==> flow/design.v <==
module core_mag_cmp_rtl #(
  parameter WIDTH = 64
) (
  input clk_i,
  input i_rst_n,
  input [WIDTH-1:0] rs1_in,
  input [WIDTH-1:0] rs2_in,
  output reg a_gt_b_out,
  output reg lt_out
);
  reg g;
  reg l;
  integer n;
  always @* begin
    g = 1'b0;
    l = 1'b0;
    for (n = WIDTH-1; n >= 0; n = n - 1) begin
      if (!g && !l) begin
        g = rs1_in[n] & ~rs2_in[n];
        l = ~rs1_in[n] & rs2_in[n];
      end
    end
  end
  always @(posedge clk_i or negedge i_rst_n) begin
    if (!i_rst_n) begin
      a_gt_b_out <= 1'b0;
      lt_out <= 1'b0;
    end else begin
      a_gt_b_out <= g;
      lt_out <= l;
    end
  end
endmodule
== Reports on core_mag_cmp_rtl ==
The steps from the RTL of core_mag_cmp_rtl to its reports follow in flow order.
Line numbers count from 1 in the design file above.
Operators: Yosys type, input widths -> output width; for muxes data width and select width s.
Cell names lack the library's common part.
The mark - stands for no value.

* Top: core_mag_cmp_rtl
* Clock port: clk_i
* Library: sky130hd
* Corner: tt_025C_1v80

== Word level ==
Source: Yosys, flattened and elaborated, memories not mapped. Widths are those after wreduce; folded enables and synchronous resets count as part of the registers. Registers that Yosys merges into a memory's read port (data or address) are not register bits. Print and check cells do not count. Equal cells are merged and count once.

* Bits in registers: 2
* Word-level cells: 573
* Output and inout port bits: 2
* Input port bits: 130

* Bitwise gates (word level): 256
* Reduce/logical cells: 189
* Mux-type cells: 126

{| class="wikitable"
|+ Operator list
! operator !! number
|-
| $and 1x1->1 || 128
|-
| $not 1->1 || 128
|-
| $logic_not 1->1 || 126
|-
| $mux 1 || 126
|-
| $logic_and 1x1->1 || 63
|}

== Logic depth ==
Longest topological path by Yosys (ltp), each cell counted once; first at word level (registers and memories cut), then after technology mapping (sequential cells cut; the memories' decode and read muxes count).

* Word-level depth: 191
* ABC_AREA: 0
* Depth in mapped cells: 9

== Mapped cells and area ==
The flow's flattened synthesis, as Yosys stat reports it; memories are mapped. The netlist is that of the ABC_AREA named above (0 if unset); the other value can give another one.

* Area of sequential cells: 50.0 um^2
* Synthesis area: 1786.7 um^2
* Mapped flip-flops: 2
* Mapped cells: 254

{| class="wikitable"
|+ Cell types
! cell !! number !! area in all (um^2)
|-
| maj3_1 || 52 || 520.499
|-
| nand2b_1 || 25 || 156.4
|-
| nor2b_1 || 24 || 150.144
|-
| inv_1 || 38 || 142.637
|-
| maj3_2 || 11 || 123.869
|-
| a21oi_1 || 17 || 85.082
|-
| o21ai_0 || 13 || 65.062
|-
| dfrtp_1 || 2 || 50.048
|-
| nand2_1 || 12 || 45.043
|-
| nor2_1 || 12 || 45.043
|-
| o21bai_1 || 5 || 37.536
|-
| and2b_2 || 4 || 35.034
|-
| ha_1 || 2 || 25.024
|-
| o211ai_1 || 3 || 22.522
|-
| nand3_1 || 4 || 20.019
|-
| a21boi_4 || 1 || 18.768
|-
| a21o_2 || 2 || 17.517
|-
| a41oi_1 || 2 || 17.517
|}

Other cell types: 19; their cells: 25.

== Timing after synthesis ==
OpenSTA on the mapped netlist: ideal clock, no wires. The path of least setup slack (recovery checks aside). Input and output delay are each 20% of the period. Register names are those of the netlist, which keeps one name where synthesis merged equal registers.

* Path kind: input to register
* Start: in rs1_in[26]
* End: reg a_gt_b_out
* Driving pins on the path: 9
* Arrival time: 2528 ps
* Path slack: 505 ps
* Launch time at the first pin: 634 ps
* Clock period: 3170 ps
* Path buffers: 0
* Input delay: 634 ps
* Delay of the path: 2031 ps
* Data required time: 3033 ps
* Synthesis period reached: 2665 ps

"delay of the path" is the arrival time less input delay plus setup time.
"driving pins on the path": output pins that drive a net of the path, with the launching flip-flop's if there is one; two outputs of one cell count as two.
"synthesis period reached" = period - worst setup slack (recovery checks aside). The figure is calculated, with input and output delays left at 20% of the set period.
The rows between start and end are the longest chain of elaborated cells between them; the timing report does not say that the signal goes this way. Where chains are equally long, one stands for them.
A line is the first line of the expression or statement that the cell stems from. Yosys adds cells for indexed reads and writes and turns some case tables into memories.

* Cell sequence: nor2b_1 maj3_2 maj3_2 maj3_2 a211o_1 a31o_1 a31oi_1 and2_2 o221ai_2
* Cells in the longest elaborated chain: 81
* Elaborated cells between the ends (all ways): 134
* Those cells by class: 53 x mux; 3 x logic; 78 x reduce/logical

{| class="wikitable"
|+ Ends and longest elaborated chain, after synthesis
! what !! line !! source
|-
| start: declaration || 6 || <nowiki>input [WIDTH-1:0] rs1_in,</nowiki>
|-
| $not 1->1 || 20 || <nowiki>l = ~rs1_in[n] & rs2_in[n];</nowiki>
|-
| $and 1x1->1 || 20 ||
|-
| $mux 1 || 18 || <nowiki>if (!g && !l) begin</nowiki>
|-
| $logic_not 1->1 || 18 ||
|-
| $logic_and 1x1->1 || 18 ||
|-
| $mux 1 || 18 ||
|-
| $logic_not 1->1 || 18 ||
|-
| [... 67 more ...] || - ||
|-
| $mux 1 || 18 ||
|-
| $logic_not 1->1 || 18 ||
|-
| $logic_and 1x1->1 || 18 ||
|-
| $mux 1 || 18 ||
|-
| $logic_not 1->1 || 18 ||
|-
| $logic_and 1x1->1 || 18 ||
|-
| $mux 1 || 18 ||
|-
| end: assignment || 26 || <nowiki>a_gt_b_out <= 1'b0;</nowiki>
|-
| end: assignment || 29 || <nowiki>a_gt_b_out <= g;</nowiki>
|-
| end: declaration || 8 || <nowiki>output reg a_gt_b_out,</nowiki>
|}

== Path in the finished layout ==
Path of least setup slack in the final report of run 3 (OpenROAD, finished layout, wires in). Where an end is a register, its clock arrival counts in the times.
The report prints the path's times to 10 ps; the period is as set.

* Path kind: input to register
* Start: in rs1_in[26]
* End: reg a_gt_b_out
* Driving pins on the path: 10
* Arrival time: 3060 ps
* Data required time: 3250 ps
* Launch time at the first pin: 630 ps
* Path slack: 190 ps
* Input delay: 630 ps
* Path buffers: 1
* Clock period: 3170 ps

The rows between start and end are the longest chain of elaborated cells between them; the timing report does not say that the signal goes this way. Where chains are equally long, one stands for them.

* Cell sequence: clkdlybuf4s50_1 nor2b_1 maj3_2 maj3_2 maj3_2 a211o_1 a31o_1 a31oi_1 and2_2 o221ai_2
* Cells in the longest elaborated chain: 81
* Elaborated cells between the ends (all ways): 134
* Those cells by class: 53 x mux; 3 x logic; 78 x reduce/logical

{| class="wikitable"
|+ Ends and longest elaborated chain, after layout
! what !! line !! source
|-
| start: declaration || 6 || <nowiki>input [WIDTH-1:0] rs1_in,</nowiki>
|-
| $not 1->1 || 20 || <nowiki>l = ~rs1_in[n] & rs2_in[n];</nowiki>
|-
| $and 1x1->1 || 20 ||
|-
| $mux 1 || 18 || <nowiki>if (!g && !l) begin</nowiki>
|-
| $logic_not 1->1 || 18 ||
|-
| $logic_and 1x1->1 || 18 ||
|-
| $mux 1 || 18 ||
|-
| $logic_not 1->1 || 18 ||
|-
| [... 67 more ...] || - ||
|-
| $mux 1 || 18 ||
|-
| $logic_not 1->1 || 18 ||
|-
| $logic_and 1x1->1 || 18 ||
|-
| $mux 1 || 18 ||
|-
| $logic_not 1->1 || 18 ||
|-
| $logic_and 1x1->1 || 18 ||
|-
| $mux 1 || 18 ||
|-
| end: assignment || 26 || <nowiki>a_gt_b_out <= 1'b0;</nowiki>
|-
| end: assignment || 29 || <nowiki>a_gt_b_out <= g;</nowiki>
|-
| end: declaration || 8 || <nowiki>output reg a_gt_b_out,</nowiki>
|}

==> results <==
Flow measurements of core_mag_cmp_rtl on sky130hd: 3 stored runs with different settings, listed in no order. Input and output delays are each 20% of the period that was set; the output load is 0.01 pF.
"clock period reached" is the run's clock period less its worst setup slack. It is reckoned from that one timing run; input and output delays stay at 20% of the period that was set.
"worst setup path time": the worst setup path's part of the clock period (all of it between registers, 20% less for each end at a port) less its slack. A launch clock that arrives late makes it longer, a capture clock that arrives late makes it shorter.
"power consumption": no workload was simulated; the value follows from the tool's default switching activity.
"worst setup path time" is known to 10 ps.

=== Run 1 ===
{| class="wikitable"
! Setting !! Value
|-
| period_ns || 4.93
|-
| CORE_UTILIZATION || 43
|-
| PLACE_DENSITY_LB_ADDON || 0.14
|-
| CELL_PAD_IN_SITES_GLOBAL_PLACEMENT || 3
|-
| TNS_END_PERCENT || 25
|-
| MAX_ROUTING_LAYER || met5
|-
| CAP_MARGIN || 20
|-
| CORE_MARGIN || 2
|-
| SLEW_MARGIN || 20
|}
No results, placement failed with FLW-0024.

=== Run 2 ===
{| class="wikitable"
! Setting !! Value
|-
| period_ns || 2.39
|-
| CORE_UTILIZATION || 36
|-
| PLACE_DENSITY_LB_ADDON || 0.14
|-
| CORE_MARGIN || 8
|-
| CELL_PAD_IN_SITES_DETAIL_PLACEMENT || 1
|-
| TNS_END_PERCENT || 25
|-
| CTS_CLUSTER_SIZE || 52
|-
| SLEW_MARGIN || 0
|-
| MAX_ROUTING_LAYER || met5
|-
| CAP_MARGIN || 20
|}
No results, clock tree synthesis failed with DPL-0033.

=== Run 3 ===
{| class="wikitable"
! Setting !! Value
|-
| period_ns || 3.17
|-
| CAP_MARGIN || 20
|-
| CORE_MARGIN || 2
|-
| CORE_UTILIZATION || 40
|-
| SLEW_MARGIN || 20
|-
! Result !! Value
|-
| Power consumption || 562.2 µW
|-
| Clock period reached || 2980 ps
|-
| Total negative slack || 0 ps
|-
| Utilization after routing || 0.745
|-
| Die outline area || 5017.6 um^2
|-
| Worst setup path time || 2350 ps
|-
| Type of the worst setup path || input to register
|-
| Standard-cell area of the final layout || 3219.3 um^2
|-
| Area of the synthesized netlist || 1786.7 um^2
|-
| Worst setup slack after layout || 190 ps
|}
